==> flow/design.v <==
module subtractor #(
   parameter int DW = 128
) (
   input logic clk,
   input logic srst,
   input logic [DW-1:0] opa_i,
   input logic [DW-1:0] opb_i,
   input logic minus_i,
   output logic [DW-1:0] diff_o
);
   logic [DW-1:0] opa_d1;
   logic [DW-1:0] opb_d1;
   logic minus_d1;
   always_ff @(posedge clk) begin
      if (srst) begin
         opa_d1 <= '0;
         opb_d1 <= '0;
         minus_d1 <= 1'b0;
      end else begin
         opa_d1 <= opa_i;
         opb_d1 <= opb_i;
         minus_d1 <= minus_i;
      end
   end
   logic [DW-1:0] val;
   always_comb begin
      if (minus_d1)
         val = opa_d1 - opb_d1;
      else
         val = opa_d1 + opb_d1;
   end
   always_ff @(posedge clk) begin
      if (srst) begin
         diff_o <= '0;
      end else begin
         diff_o <= val;
      end
   end
endmodule
---- Step by step through the tools: subtractor ----
What the tools print for subtractor, step after step.
Lines are those of the file above, counted from 1.
Operators carry their Yosys type and port widths (W data, S select, Z words).
Cell names lack the library's common part.
A cell with - has no value.
inputs
  design top .............................. subtractor
  clock ................................... clk
  library ................................. sky130hd
  timing corner ........................... tt_025C_1v80

---- Word-level counts ----
Yosys after proc, flatten, opt, wreduce and memory -nomap, before mapping. Enables and synchronous resets that opt folds into registers are not counted as muxes. Memory bits, and registers merged into a memory's read port (data or address), are not among the register bits. Print and check cells are not counted. Equal cells are merged and count once.
word-level totals
  flip-flop bits (word level) ............. 385
  output and inout port bits .............. 128
cells by class
  add/sub/neg operators ................... 2
  mux-type cells .......................... 1
operator list
  kind                 number
  $add A128 B128 Y128  1
  $sub A128 B128 Y128  1
  $mux W128            1

---- Depth ----
Yosys ltp: most cells in a row. Word level: on the elaborated netlist, between registers, memories and ports. Mapped: between sequential cells and ports; inverters and the memories' decode and read muxes count.
depth
  depth in word-level cells ............... 2
  ABC_AREA ................................ 0
  depth in mapped cells ................... 25
  mapped depth without buffers ............ 23

---- After synthesis ----
Yosys stat after the flow's synthesis: flattened, memories mapped to cells. It holds for the ABC_AREA given above (unset counts as 0); a run with the other value may have another netlist.
cells by type
  cell      number  area in all (um^2)
  dfxtp_1   385     7.71E+03
  nor2b_1   273     1.71E+03
  xnor2_1   185     1.62E+03
  ha_1      128     1.6E+03
  a21oi_1   265     1.33E+03
  nor2_1    353     1.33E+03
  nand2_1   171     641.866
  o21ai_0   111     555.533
  xor2_1    56      490.47
  a21o_1    63      472.954
  clkbuf_1  111     416.65
  nand4_1   63      394.128
  nor3_1    70      350.336
  o21bai_1  42      315.302
  inv_1     56      210.202
  a31oi_1   33      206.448
  nand3_1   36      180.173
  or3_1     24      150.144
Not listed: further types 66, cells in them 258.
mapped netlist
  standard cells after synthesis .......... 2,683
  chip area (Yosys) ....................... 21,765.9 um^2
  sequential area ......................... 7,707.4 um^2
  mapped flip-flops ....................... 385
  buffer cells ............................ 121

---- Path before layout ----
OpenSTA on the mapped netlist: ideal clock, no wires. The path of least setup slack (recovery checks aside). Input and output delay are each 20% of the period. Register names are those of the netlist, which keeps one name where synthesis merged equal registers.
timing path post-synthesis
  path kind ............................... flip-flop to flip-flop
  start point ............................. reg opb_d1[14]
  end point ............................... reg diff_o[102]
  period .................................. 6.69 ns
  library setup time ...................... 0.121 ns
  time at the first pin ................... 0.000 ns
  arrival ................................. 5.227 ns
  data required time ...................... 6.569 ns
  slack ................................... 1.342 ns
  delay of the path ....................... 5.348 ns
  driving pins on the path ................ 25
  path buffers ............................ 2
  synthesis period reached ................ 5.348 ns
"delay of the path" = arrival - input delay + setup time.
"driving pins on the path" counts driving pins, that of a launching flip-flop among them; a cell with two outputs on the path counts twice.
"synthesis period reached" = period - worst setup slack (recovery checks aside). The figure is calculated, with input and output delays left at 20% of the set period.
The rows between start and end are the longest chain of elaborated cells between them; the timing report does not say that the signal goes this way. Where chains are equally long, one stands for them.
Each line given opens the expression or statement behind the cell; cells for indexed reads and writes are added by Yosys, which also makes memories of some case tables.
on the way, post-synthesis
  cells stage by stage .................... dfxtp_1 or4_4 or4b_4 nor2_4 nand2_4 nor2_1 and2_0 buf_2 nand2_1 nor2_1 a31oi_1 xnor2_1 ha_1 clkbuf_1 nand2_1 nor2_1 nor4b_1 nor3b_1 inv_1 a311oi_1 a211oi_1 o21a_1 o41ai_2 a21oi_1 mux2_2
  length of the longest elaborated chain .. 2
  elaborated cells on any way between the ends .. 3
  source lines of those cells ............. 3
RTL lines, path post-synthesis
  what                 line  text
  start, declared      12    logic [DW-1:0] opb_d1;
  start, assigned      17    opb_d1 <= '0;
  start, assigned      21    opb_d1 <= opb_i;
  $add A128 B128 Y128  30    val = opa_d1 + opb_d1;
  $mux W128            27    if (minus_d1)
  end, assigned        34    diff_o <= '0;
  end, assigned        36    diff_o <= val;
  end, declared        9     output logic [DW-1:0] diff_o

---- Path in the finished layout ----
From the final timing report of flow run 1: the path of least setup slack in the routed layout; clock arrival at registers is part of the times.
timing path post-layout
  path kind ............................... flip-flop to flip-flop
  start point ............................. reg opb_d1[14]
  end point ............................... reg diff_o[127]
  period .................................. 4.94 ns
  library setup time ...................... 0.15 ns
  time at the first pin ................... 0.59 ns
  arrival ................................. 5.82 ns
  data required time ...................... 5.39 ns
  slack ................................... -0.43 ns
  driving pins on the path ................ 24
  path buffers ............................ 1
The rows between start and end are the longest chain of elaborated cells between them; the timing report does not say that the signal goes this way. Where chains are equally long, one stands for them.
on the way, post-layout
  cells stage by stage .................... dfxtp_2 or4_4 or4b_4 nor2_4 nand2_4 buf_6 nor3_4 nand2_2 or4_4 nor2_4 a21oi_2 xnor2_1 ha_1 a21oi_2 o21ai_2 a221o_1 nand2_1 a21oi_1 o21ai_1 nand2_1 a221o_1 a21oi_2 a21o_1 a21oi_1
  length of the longest elaborated chain .. 2
  elaborated cells on any way between the ends .. 3
  source lines of those cells ............. 3
RTL lines, path post-layout
  what                 line  text
  start, declared      12    logic [DW-1:0] opb_d1;
  start, assigned      17    opb_d1 <= '0;
  start, assigned      21    opb_d1 <= opb_i;
  $add A128 B128 Y128  30    val = opa_d1 + opb_d1;
  $mux W128            27    if (minus_d1)
  end, assigned        34    diff_o <= '0;
  end, assigned        36    diff_o <= val;
  end, declared        9     output logic [DW-1:0] diff_o

==> results <==
Below are 2 stored runs of the flow (Yosys, OpenROAD; platform sky130hd) on subtractor, each with its settings and what was measured, unordered. Constraints: input delay and output delay 20% of the set period each, output load 0.01 pF.
"achieved period" is the run's clock period less its worst setup slack. It is reckoned from that one timing run; input and output delays stay at 20% of the period that was set.
By "time on the worst setup path" is meant the share of the clock period that the worst setup path is allowed (20% is reserved at inputs, 20% at outputs), minus its slack. Clock arrival times at its registers enter into it.
"total power after layout" rests on the timing tool's default activity at the inputs, not on a simulated workload.

======== flow run 1 ========
==> flow/run.sh <==
#!/bin/bash
# the make line also repeats the synthesis and layout settings of config.mk as NAME=value (left out here)
make -C /OpenROAD-flow-scripts/flow DESIGN_CONFIG=/design/flow/config.mk WORK_HOME=/design/flow/orfs CLKGATE_MAP_FILE= finish
==> flow/config.mk <==
export PLATFORM = sky130hd
export DESIGN_NAME = subtractor
export DESIGN_NICKNAME = subtractor
export VERILOG_FILES = /design/flow/design.v
export SDC_FILE = /design/flow/constraint.sdc
export NUM_CORES = 4
export LEC_CHECK = 0
export ABC_AREA = 0
export CAP_MARGIN = 20
export CELL_PAD_IN_SITES_GLOBAL_PLACEMENT = 0
export CORE_ASPECT_RATIO = 0.68
export CORE_MARGIN = 10
export CORE_UTILIZATION = 27
export CTS_CLUSTER_DIAMETER = 82
export HOLD_SLACK_MARGIN = 0.16
export MAX_ROUTING_LAYER = met5
export PLACE_DENSITY = 0.64
export SLEW_MARGIN = 35
==> flow/constraint.sdc <==
create_clock -name core_clock -period 4.94 [get_ports {clk}]
set_input_delay 0.9880 -clock core_clock [delete_from_list [all_inputs] [get_ports {clk}]]
set_output_delay 0.9880 -clock core_clock [all_outputs]
set_load 0.01 [all_outputs]

-------- measured, flow run 1 --------
  total power after layout ................ 10,851 uW
  standard-cell area after routing ........ 37,196.9 um^2
  worst setup slack after layout .......... -0.430 ns
  final utilization ....................... 46.8 %
  synthesized cell area ................... 21,765.9 um^2
  achieved period ......................... 5.370 ns
  final setup TNS ......................... -13.275 ns
  final worst hold slack .................. 0.566 ns
  die footprint ........................... 92,582.1 um^2
  time on the worst setup path ............ 5.37 ns
  critical path kind ...................... flip-flop to flip-flop

======== flow run 2 ========
==> flow/run.sh <==
#!/bin/bash
# the make line also repeats the synthesis and layout settings of config.mk as NAME=value (left out here)
make -C /OpenROAD-flow-scripts/flow DESIGN_CONFIG=/design/flow/config.mk WORK_HOME=/design/flow/orfs CLKGATE_MAP_FILE= finish
==> flow/config.mk <==
export PLATFORM = sky130hd
export DESIGN_NAME = subtractor
export DESIGN_NICKNAME = subtractor
export VERILOG_FILES = /design/flow/design.v
export SDC_FILE = /design/flow/constraint.sdc
export NUM_CORES = 4
export LEC_CHECK = 0
export CAP_MARGIN = 20
export CORE_MARGIN = 2
export CORE_UTILIZATION = 40
export SLEW_MARGIN = 20
==> flow/constraint.sdc <==
create_clock -name core_clock -period 6.69 [get_ports {clk}]
set_input_delay 1.3380 -clock core_clock [delete_from_list [all_inputs] [get_ports {clk}]]
set_output_delay 1.3380 -clock core_clock [all_outputs]
set_load 0.01 [all_outputs]

-------- measured, flow run 2 --------
  total power after layout ................ 7,024 uW
  standard-cell area after routing ........ 27,822.9 um^2
  worst setup slack after layout .......... 0.315 ns
  final utilization ....................... 51.7 %
  synthesized cell area ................... 21,765.9 um^2
  achieved period ......................... 6.375 ns
  final setup TNS ......................... 0.000 ns
  final worst hold slack .................. 0.569 ns
  die footprint ........................... 56,297.1 um^2
  time on the worst setup path ............ 6.37 ns
  critical path kind ...................... flip-flop to flip-flop
